==> flow/design.v <==
module gen_comparator_rtl #(
    parameter integer WD = 36
) (
    input wire sys_clk,
    input wire [WD-1:0] opa,
    input wire [WD-1:0] opb,
    input wire [WD-1:0] opc,
    output reg between
);
    reg [WD-1:0] opa_s;
    reg [WD-1:0] opb_s;
    reg [WD-1:0] opc_s;
    always @(posedge sys_clk) begin
        opa_s <= opa;
        opb_s <= opb;
        opc_s <= opc;
        between <= (opa_s >= opb_s) && (opa_s <= opc_s);
    end
endmodule
From RTL to reports: gen_comparator_rtl
The steps from the RTL of gen_comparator_rtl to its reports follow in flow order.
Line numbers count from 1 in the design file above.
Operators carry their Yosys type and port widths (W data, S select, Z words).
Library cell names are shortened.
Not given: -
- top: gen_comparator_rtl
- clock input: sys_clk
- standard-cell library: sky130hd
- corner: tt_025C_1v80

Word level
Counts by Yosys on the flattened word-level netlist (proc, flatten, opt, wreduce; memories kept). Register bits leave out memories and registers merged into their read ports (data or address); mux counts leave out enables and synchronous resets folded into registers. Print and check cells are left out. Cells with the same type and inputs are merged into one.
- noted input bits: 109
- output and inout port bits at 1
- register bits after elaboration at 109
- reduce/logical cells: 1
- noted $lt $le $gt $ge: 2
- operator list (cell ; number):
    $ge A36 B36 Y1 ; 1
    $le A36 B36 Y1 ; 1
    $logic_and A1 B1 Y1 ; 1

Longest topological paths
Yosys ltp: most cells in a row. Word level: on the elaborated netlist, between registers, memories and ports. Mapped: between sequential cells and ports; inverters and the memories' decode and read muxes count.
- depth in word-level cells: 2
- ABC_AREA: 0
- noted mapped depth: 8
- gate-level depth less buffers at 8

Mapped cells and area
The flow's flattened synthesis, as Yosys stat reports it; memories are mapped. The netlist is that of the ABC_AREA named above (0 if unset); the other value can give another one.
Totals and module areas in this step are rounded.
- cell types (type ; number ; total area (um2)):
    dfxtp_1 ; 109 ; 2.18E+03
    ha_1 ; 72 ; 900.864
    inv_1 ; 74 ; 277.766
    a21oi_1 ; 26 ; 130.125
    a21o_1 ; 9 ; 67.565
    nand4_1 ; 9 ; 56.304
    nand2_1 ; 14 ; 52.55
    nand3_1 ; 10 ; 50.048
    nand4_4 ; 2 ; 42.541
    nand4_2 ; 3 ; 37.536
    a221oi_1 ; 3 ; 26.275
    a211oi_1 ; 3 ; 22.522
    nor4_4 ; 1 ; 21.27
    o21ai_0 ; 4 ; 20.019
    nor2_1 ; 5 ; 18.768
    nor3_1 ; 3 ; 15.014
    nor4_2 ; 1 ; 12.512
    o21ai_1 ; 2 ; 10.01
Not listed: further types 10, cells in them 10.
- synthesis area: 4021 um2
- noted flip-flops: 109
- cell count: 360
- buffer cells at 0

Path before layout
Path of least setup slack by OpenSTA after synthesis, without wires, with an ideal clock, recovery checks aside; 20% of the period is set as input and as output delay. Where synthesis merged equal registers, the netlist keeps one of their names.
- path type: reg2reg
- start point: reg opc_s[17]
- end point: reg between
- noted required time: 1938 ps
- noted path delay: 1650 ps
- noted slack: 411 ps
- noted setup time: 122 ps
- noted period: 2060 ps
- buffers on the path at 0
- time at the first pin at 0 ps
- arrival time: 1528 ps
- stages: 9
- synthesis period reached: 1649 ps
"path delay" = arrival - input delay + setup time.
"stages": output pins that drive a net of the path, with the launching flip-flop's if there is one; two outputs of one cell count as two.
"synthesis period reached" = period - worst setup slack (recovery checks aside). The figure is calculated, with input and output delays left at 20% of the set period.
The rows between start and end are the longest chain of elaborated cells between them; the timing report does not say that the signal goes this way. Where chains are equally long, one stands for them.
A line is the first line of the expression or statement that the cell stems from. Yosys adds cells for indexed reads and writes and turns some case tables into memories.
- cells stage by stage: dfxtp_1 inv_1 ha_1 nand4_2 nor4_2 nand3_1 o221ai_1 a21oi_1 o32a_1
- length of the longest elaborated chain at 2
- elaborated cells on any way between the ends: 2
- classes of those cells: compare (1); reduce/logical (1)
- RTL lines, path after synthesis (item ; line ; text):
    from (decl) ; 12 ; reg [WD-1:0] opc_s;
    from (assign) ; 16 ; opc_s <= opc;
    $le A36 B36 Y1 ; 17 ; between <= (opa_s >= opb_s) && (opa_s <= opc_s);
    $logic_and A1 B1 Y1 ; 17 ;
    to (assign) ; 17 ;
    to (decl) ; 8 ; output reg between

Path in the finished layout
Path of least setup slack in the final report of stored run 2 (OpenROAD, finished layout, wires in). Where an end is a register, its clock arrival counts in the times.
The report prints the path's times to 10 ps; the period is as set.
- path type: reg2reg
- start point: reg opa_s[25]
- end point: reg between
- noted setup time: 110 ps
- time at the first pin at 340 ps
- stages: 7
- noted required time: 1380 ps
- noted slack: -640 ps
- arrival time: 2030 ps
- buffers on the path at 0
- noted period: 1150 ps
The rows between start and end are the longest chain of elaborated cells between them; the timing report does not say that the signal goes this way. Where chains are equally long, one stands for them.
- cells stage by stage: dfxtp_1 ha_1 a21o_1 a21o_1 a211oi_2 nor3_1 o32a_1
- length of the longest elaborated chain at 2
- elaborated cells on any way between the ends: 3
- classes of those cells: compare (2); reduce/logical (1)
- RTL lines, path after layout (item ; line ; text):
    from (decl) ; 10 ; reg [WD-1:0] opa_s;
    from (assign) ; 14 ; opa_s <= opa;
    $ge A36 B36 Y1 ; 17 ; between <= (opa_s >= opb_s) && (opa_s <= opc_s);
    $logic_and A1 B1 Y1 ; 17 ;
    to (assign) ; 17 ;
    to (decl) ; 8 ; output reg between

Memo
Re: implementation data of gen_comparator_rtl

Flow measurements of gen_comparator_rtl on sky130hd: 3 stored runs with different settings, listed in no order. Input and output delays are each 20% of the period that was set; the output load is 0.01 pF.
"clock period reached": clock period set for the run, less the worst setup slack. It is reckoned from that one timing run; input and output delays stay at 20% of the period that was set.
"worst setup path time": the worst setup path's part of the clock period (all of it between registers, 20% less for each end at a port) less its slack. A launch clock that arrives late makes it longer, a capture clock that arrives late makes it shorter.
"power" rests on the timing tool's default activity at the inputs, not on a simulated workload.
"worst setup path time" is known to 10 ps.
Results are given in rounded form.

Stored run 1
Settings were period_ns = 2.13; CORE_UTILIZATION = 69; CORE_ASPECT_RATIO = 0.59; TNS_END_PERCENT = 55; ABC_AREA = 0; GPL_TIMING_DRIVEN = 0; GPL_ROUTABILITY_DRIVEN = 0; SLEW_MARGIN = 25; MAX_ROUTING_LAYER = met4; CAP_MARGIN = 20; CORE_MARGIN = 2
- stopped before the end: routing reported GRT-0232

Stored run 2
Settings were period_ns = 1.15; CORE_UTILIZATION = 24; SETUP_SLACK_MARGIN = 0.26; CORE_MARGIN = 2; CELL_PAD_IN_SITES_GLOBAL_PLACEMENT = 1; TNS_END_PERCENT = 15; CTS_CLUSTER_SIZE = 94; CAP_MARGIN = 30; SLEW_MARGIN = 10; MAX_ROUTING_LAYER = met5
- area of the synthesized netlist: 4021 um2
- die outline area at 17810 um2
- final design utilization: 37.8%
- worst setup slack after layout at -645 ps
- setup total negative slack: -645 ps
- final worst hold slack at 318 ps
- power at 0.008809 W
- noted the clock period reached: 1795 ps
- worst setup path time at 1790 ps
- class of the worst setup path: reg2reg

Stored run 3
Settings were period_ns = 2.06; CAP_MARGIN = 20; CORE_MARGIN = 2; CORE_UTILIZATION = 40; SLEW_MARGIN = 20
- area of the synthesized netlist: 4021 um2
- die outline area at 10870 um2
- final design utilization: 55.9%
- worst setup slack after layout at 130 ps
- setup total negative slack: 0 ps
- final worst hold slack at 479 ps
- power at 0.003978 W
- noted the clock period reached: 1930 ps
- worst setup path time at 1930 ps
- class of the worst setup path: reg2reg
